==> flow/design.v <==
module add_unit_top #(
    parameter integer DW = 10,
    parameter integer NIN = 12,
    parameter integer SUM_W = DW + $clog2(NIN)
) (
    input logic aclk,
    input logic [NIN*DW-1:0] bus,
    output logic [SUM_W-1:0] o
);
    logic [NIN*DW-1:0] bus_reg;
    always_ff @(posedge aclk)
        bus_reg <= bus;
    logic [SUM_W-1:0] work;
    always_comb begin
        work = 0;
        for (int n = 0; n < NIN; n++)
            work = work + bus_reg[n*DW +: DW];
    end
    assign o = work;
endmodule
-- Tool chain data of add_unit_top
Tool output for the design above, in the order of the flow.
Line numbers count from 1 in the design file above.
Library cell names are shortened.
A cell with -- has no value.
- top: add_unit_top
- clock input: aclk
- cell library: sky130hd
- library corner: tt_025C_1v80

-- Word level
Counts by Yosys on the flattened word-level netlist (proc, flatten, opt, wreduce; memories kept). Register bits leave out memories and registers merged into their read ports (data or address); mux counts leave out enables and synchronous resets folded into registers. Print and check cells are left out. Cells with the same type and inputs are merged into one.
- output and inout port bits at 14
- noted input bits: 121
- noted flip-flop bits (word level): 120
- $add $sub $neg at 11
- operators by type and width (operator ; number):
    adder 14 x 10 -> 14 bit ; 7
    adder 13 x 10 -> 14 bit ; 1
    adder 12 x 10 -> 13 bit ; 1
    adder 11 x 10 -> 12 bit ; 1
    adder 10 x 10 -> 11 bit ; 1

-- Depth
Longest topological path by Yosys (ltp), each cell counted once; first at word level (registers and memories cut), then after technology mapping (sequential cells cut; the memories' decode and read muxes count).
- depth in word-level cells at 11
- noted ABC_AREA: 0
- gate-level depth with buffers: 17

-- Mapped cells and area
The flow's flattened synthesis, as Yosys stat reports it; memories are mapped. The netlist is that of the ABC_AREA named above (0 if unset); the other value can give another one.
- cells by type (cell type ; number):
    dfxtp_1 ; 120
    fa_1 ; 97
    inv_1 ; 164
    ha_1 ; 19
    xnor2_1 ; 6
    nand3_1 ; 6
    a21oi_1 ; 5
    a21oi_2 ; 2
    a21o_1 ; 2
    nor3_1 ; 3
    o21ai_0 ; 3
    o21bai_1 ; 2
    a211oi_2 ; 1
    a31oi_1 ; 2
    a2111o_1 ; 1
    o211a_1 ; 1
    o21ai_1 ; 2
    a221oi_1 ; 1
Other cell types: 12; their cells: 14.
- noted cell area after synthesis: 5535.3 sq um
- noted sequential part of the area: 2402.3 sq um
- mapped flip-flops: 120
- buffer cells at 0
- cell count: 451

-- Timing after synthesis
Path of least setup slack by OpenSTA after synthesis, without wires, with an ideal clock, recovery checks aside; 20% of the period is set as input and as output delay. Where synthesis merged equal registers, the netlist keeps one of their names.
- path kind: register -> output
- start: reg bus_reg[62]
- end: out o[10]
- arrival at 4.445 ns
- stages: 16
- required time at 5.560 ns
- period: 6.95 ns
- noted path delay: 4.445 ns
- slack at 1.115 ns
- output delay: 1.390 ns
- period reached after synthesis: 5.835 ns
"path delay" is the arrival time less input delay plus setup time.
At an output port there is no setup time.
"stages": output pins that drive a net of the path, with the launching flip-flop's if there is one; two outputs of one cell count as two.
"period reached after synthesis" = period - worst setup slack (recovery checks aside). The figure is calculated, with input and output delays left at 20% of the set period.
The rows between start and end are the longest chain of elaborated cells between them; the timing report does not say that the signal goes this way. Where chains are equally long, one stands for them.
A line is the first line of the expression or statement that the cell stems from. Yosys adds cells for indexed reads and writes and turns some case tables into memories.
- cells stage by stage: dfxtp_1 > fa_1 > inv_1 > fa_1 > inv_1 > fa_1 > fa_1 > inv_1 > fa_1 > inv_1 > ha_1 > fa_1 > a21oi_2 > o21ai_1 > a2111o_1 > nand3_1
- cells in the longest elaborated chain at 6
- elaborated cells on any way between the ends: 6
- classes of those cells: 6 x add/sub
- ends and longest elaborated chain, after synthesis (element ; line ; RTL):
    start, declared ; 10 ; logic [NIN*DW-1:0] bus_reg;
    start, assigned ; 12 ; bus_reg <= bus;
    adder 14 x 10 -> 14 bit (6 in a row) ; 17 ; work = work + bus_reg[n*DW +: DW];
    end, declared ; 8 ; output logic [SUM_W-1:0] o

-- Worst path after layout
From the final timing report of entry A: the path of least setup slack in the routed layout; clock arrival at registers is part of the times.
- path kind: register -> output
- start: reg bus_reg[63]
- end: out o[11]
- required time at 5.56 ns
- stages: 16
- slack at 0.32 ns
- output delay: 1.39 ns
- arrival at 5.24 ns
- period: 6.95 ns
The rows between start and end are the longest chain of elaborated cells between them; the timing report does not say that the signal goes this way. Where chains are equally long, one stands for them.
- cells stage by stage: dfxtp_1 > fa_1 > inv_1 > fa_1 > inv_1 > fa_1 > fa_1 > inv_1 > fa_1 > inv_1 > ha_1 > a211oi_2 > o211a_1 > nor4_1 > nand4b_1 > clkdlybuf4s50_1
- cells in the longest elaborated chain at 6
- elaborated cells on any way between the ends: 6
- classes of those cells: 6 x add/sub
- ends and longest elaborated chain, post-layout (element ; line ; RTL):
    start, declared ; 10 ; logic [NIN*DW-1:0] bus_reg;
    start, assigned ; 12 ; bus_reg <= bus;
    adder 14 x 10 -> 14 bit (6 in a row) ; 17 ; work = work + bus_reg[n*DW +: DW];
    end, declared ; 8 ; output logic [SUM_W-1:0] o

Ticket comment

Measured results for add_unit_top: 3 stored runs of the Yosys and OpenROAD flow on sky130hd. The settings differ; the order carries no meaning. The constraints put input and output delay at 20% of the set period each and load the outputs with 0.01 pF.
By "achieved clock period" is meant the clock period of the run minus its worst setup slack. This is arithmetic on one report: input and output delays are still those of the set period (20% each).
"time on the worst setup path" means the part of the period allowed to the worst setup path (the constraints hold back 20% at inputs and 20% at outputs) less its slack; where the path has registers, the arrival times of their clocks count too.

Entry A

==> flow/run.sh <==
#!/bin/bash
# the make line also repeats the synthesis and layout settings of config.mk as NAME=value (left out here)
make -C /OpenROAD-flow-scripts/flow DESIGN_CONFIG=/design/flow/config.mk WORK_HOME=/design/flow/orfs CLKGATE_MAP_FILE= finish
==> flow/config.mk <==
export PLATFORM = sky130hd
export DESIGN_NAME = add_unit_top
export DESIGN_NICKNAME = add_unit_top
export VERILOG_FILES = /design/flow/design.v
export SDC_FILE = /design/flow/constraint.sdc
export NUM_CORES = 4
export LEC_CHECK = 0
export CAP_MARGIN = 20
export CORE_MARGIN = 2
export CORE_UTILIZATION = 40
export SLEW_MARGIN = 20
==> flow/constraint.sdc <==
create_clock -name core_clock -period 6.95 [get_ports {aclk}]
set_input_delay 1.3900 -clock core_clock [delete_from_list [all_inputs] [get_ports {aclk}]]
set_output_delay 1.3900 -clock core_clock [all_outputs]
set_load 0.01 [all_outputs]

Measured in entry A:
- time on the worst setup path: 5.24 ns
- worst path kind: register -> output
- worst hold slack after layout: 1.416 ns
- standard-cell area of the final layout: 7673.6 sq um
- utilization in the final report: 57.3%
- mapped cell area after synthesis at 5535.3 sq um
- final setup TNS: 0.000 ns
- noted the overall die area: 14795.1 sq um
- noted the setup slack of the worst path: 0.324 ns
- noted the achieved clock period: 6.626 ns

Entry B

==> flow/run.sh <==
#!/bin/bash
# the make line also repeats the synthesis and layout settings of config.mk as NAME=value (left out here)
make -C /OpenROAD-flow-scripts/flow DESIGN_CONFIG=/design/flow/config.mk WORK_HOME=/design/flow/orfs CLKGATE_MAP_FILE= finish
==> flow/config.mk <==
export PLATFORM = sky130hd
export DESIGN_NAME = add_unit_top
export DESIGN_NICKNAME = add_unit_top
export VERILOG_FILES = /design/flow/design.v
export SDC_FILE = /design/flow/constraint.sdc
export NUM_CORES = 4
export LEC_CHECK = 0
export ABC_AREA = 0
export CAP_MARGIN = 20
export CELL_PAD_IN_SITES_GLOBAL_PLACEMENT = 2
export CORE_ASPECT_RATIO = 1.77
export CORE_MARGIN = 9
export CORE_UTILIZATION = 68
export GPL_ROUTABILITY_DRIVEN = 1
export HOLD_SLACK_MARGIN = 0.22
export MAX_ROUTING_LAYER = met5
export PLACE_DENSITY = 0.72
export SETUP_SLACK_MARGIN = 2.15
export SLEW_MARGIN = 20
==> flow/constraint.sdc <==
create_clock -name core_clock -period 8.49 [get_ports {aclk}]
set_input_delay 1.6980 -clock core_clock [delete_from_list [all_inputs] [get_ports {aclk}]]
set_output_delay 1.6980 -clock core_clock [all_outputs]
set_load 0.01 [all_outputs]

Entry B: unfinished; error GPL-0301 in placement.

Entry C

==> flow/run.sh <==
#!/bin/bash
# the make line also repeats the synthesis and layout settings of config.mk as NAME=value (left out here)
make -C /OpenROAD-flow-scripts/flow DESIGN_CONFIG=/design/flow/config.mk WORK_HOME=/design/flow/orfs CLKGATE_MAP_FILE= finish
==> flow/config.mk <==
export PLATFORM = sky130hd
export DESIGN_NAME = add_unit_top
export DESIGN_NICKNAME = add_unit_top
export VERILOG_FILES = /design/flow/design.v
export SDC_FILE = /design/flow/constraint.sdc
export NUM_CORES = 4
export LEC_CHECK = 0
export CAP_MARGIN = 0
export CELL_PAD_IN_SITES_DETAIL_PLACEMENT = 0
export CORE_MARGIN = 2
export CORE_UTILIZATION = 36
export CTS_CLUSTER_DIAMETER = 213
export GPL_ROUTABILITY_DRIVEN = 0
export MAX_ROUTING_LAYER = met4
export MIN_ROUTING_LAYER = met1
export PLACE_DENSITY_LB_ADDON = 0.06
export SLEW_MARGIN = 0
==> flow/constraint.sdc <==
create_clock -name core_clock -period 3.45 [get_ports {aclk}]
set_input_delay 0.6900 -clock core_clock [delete_from_list [all_inputs] [get_ports {aclk}]]
set_output_delay 0.6900 -clock core_clock [all_outputs]
set_load 0.01 [all_outputs]

Measured in entry C:
- time on the worst setup path: 4.84 ns
- worst path kind: register -> output
- worst hold slack after layout: 0.709 ns
- standard-cell area of the final layout: 8002.7 sq um
- utilization in the final report: 53.0%
- mapped cell area after synthesis at 5535.3 sq um
- final setup TNS: -22.256 ns
- noted the overall die area: 16384.0 sq um
- noted the setup slack of the worst path: -2.084 ns
- noted the achieved clock period: 5.534 ns
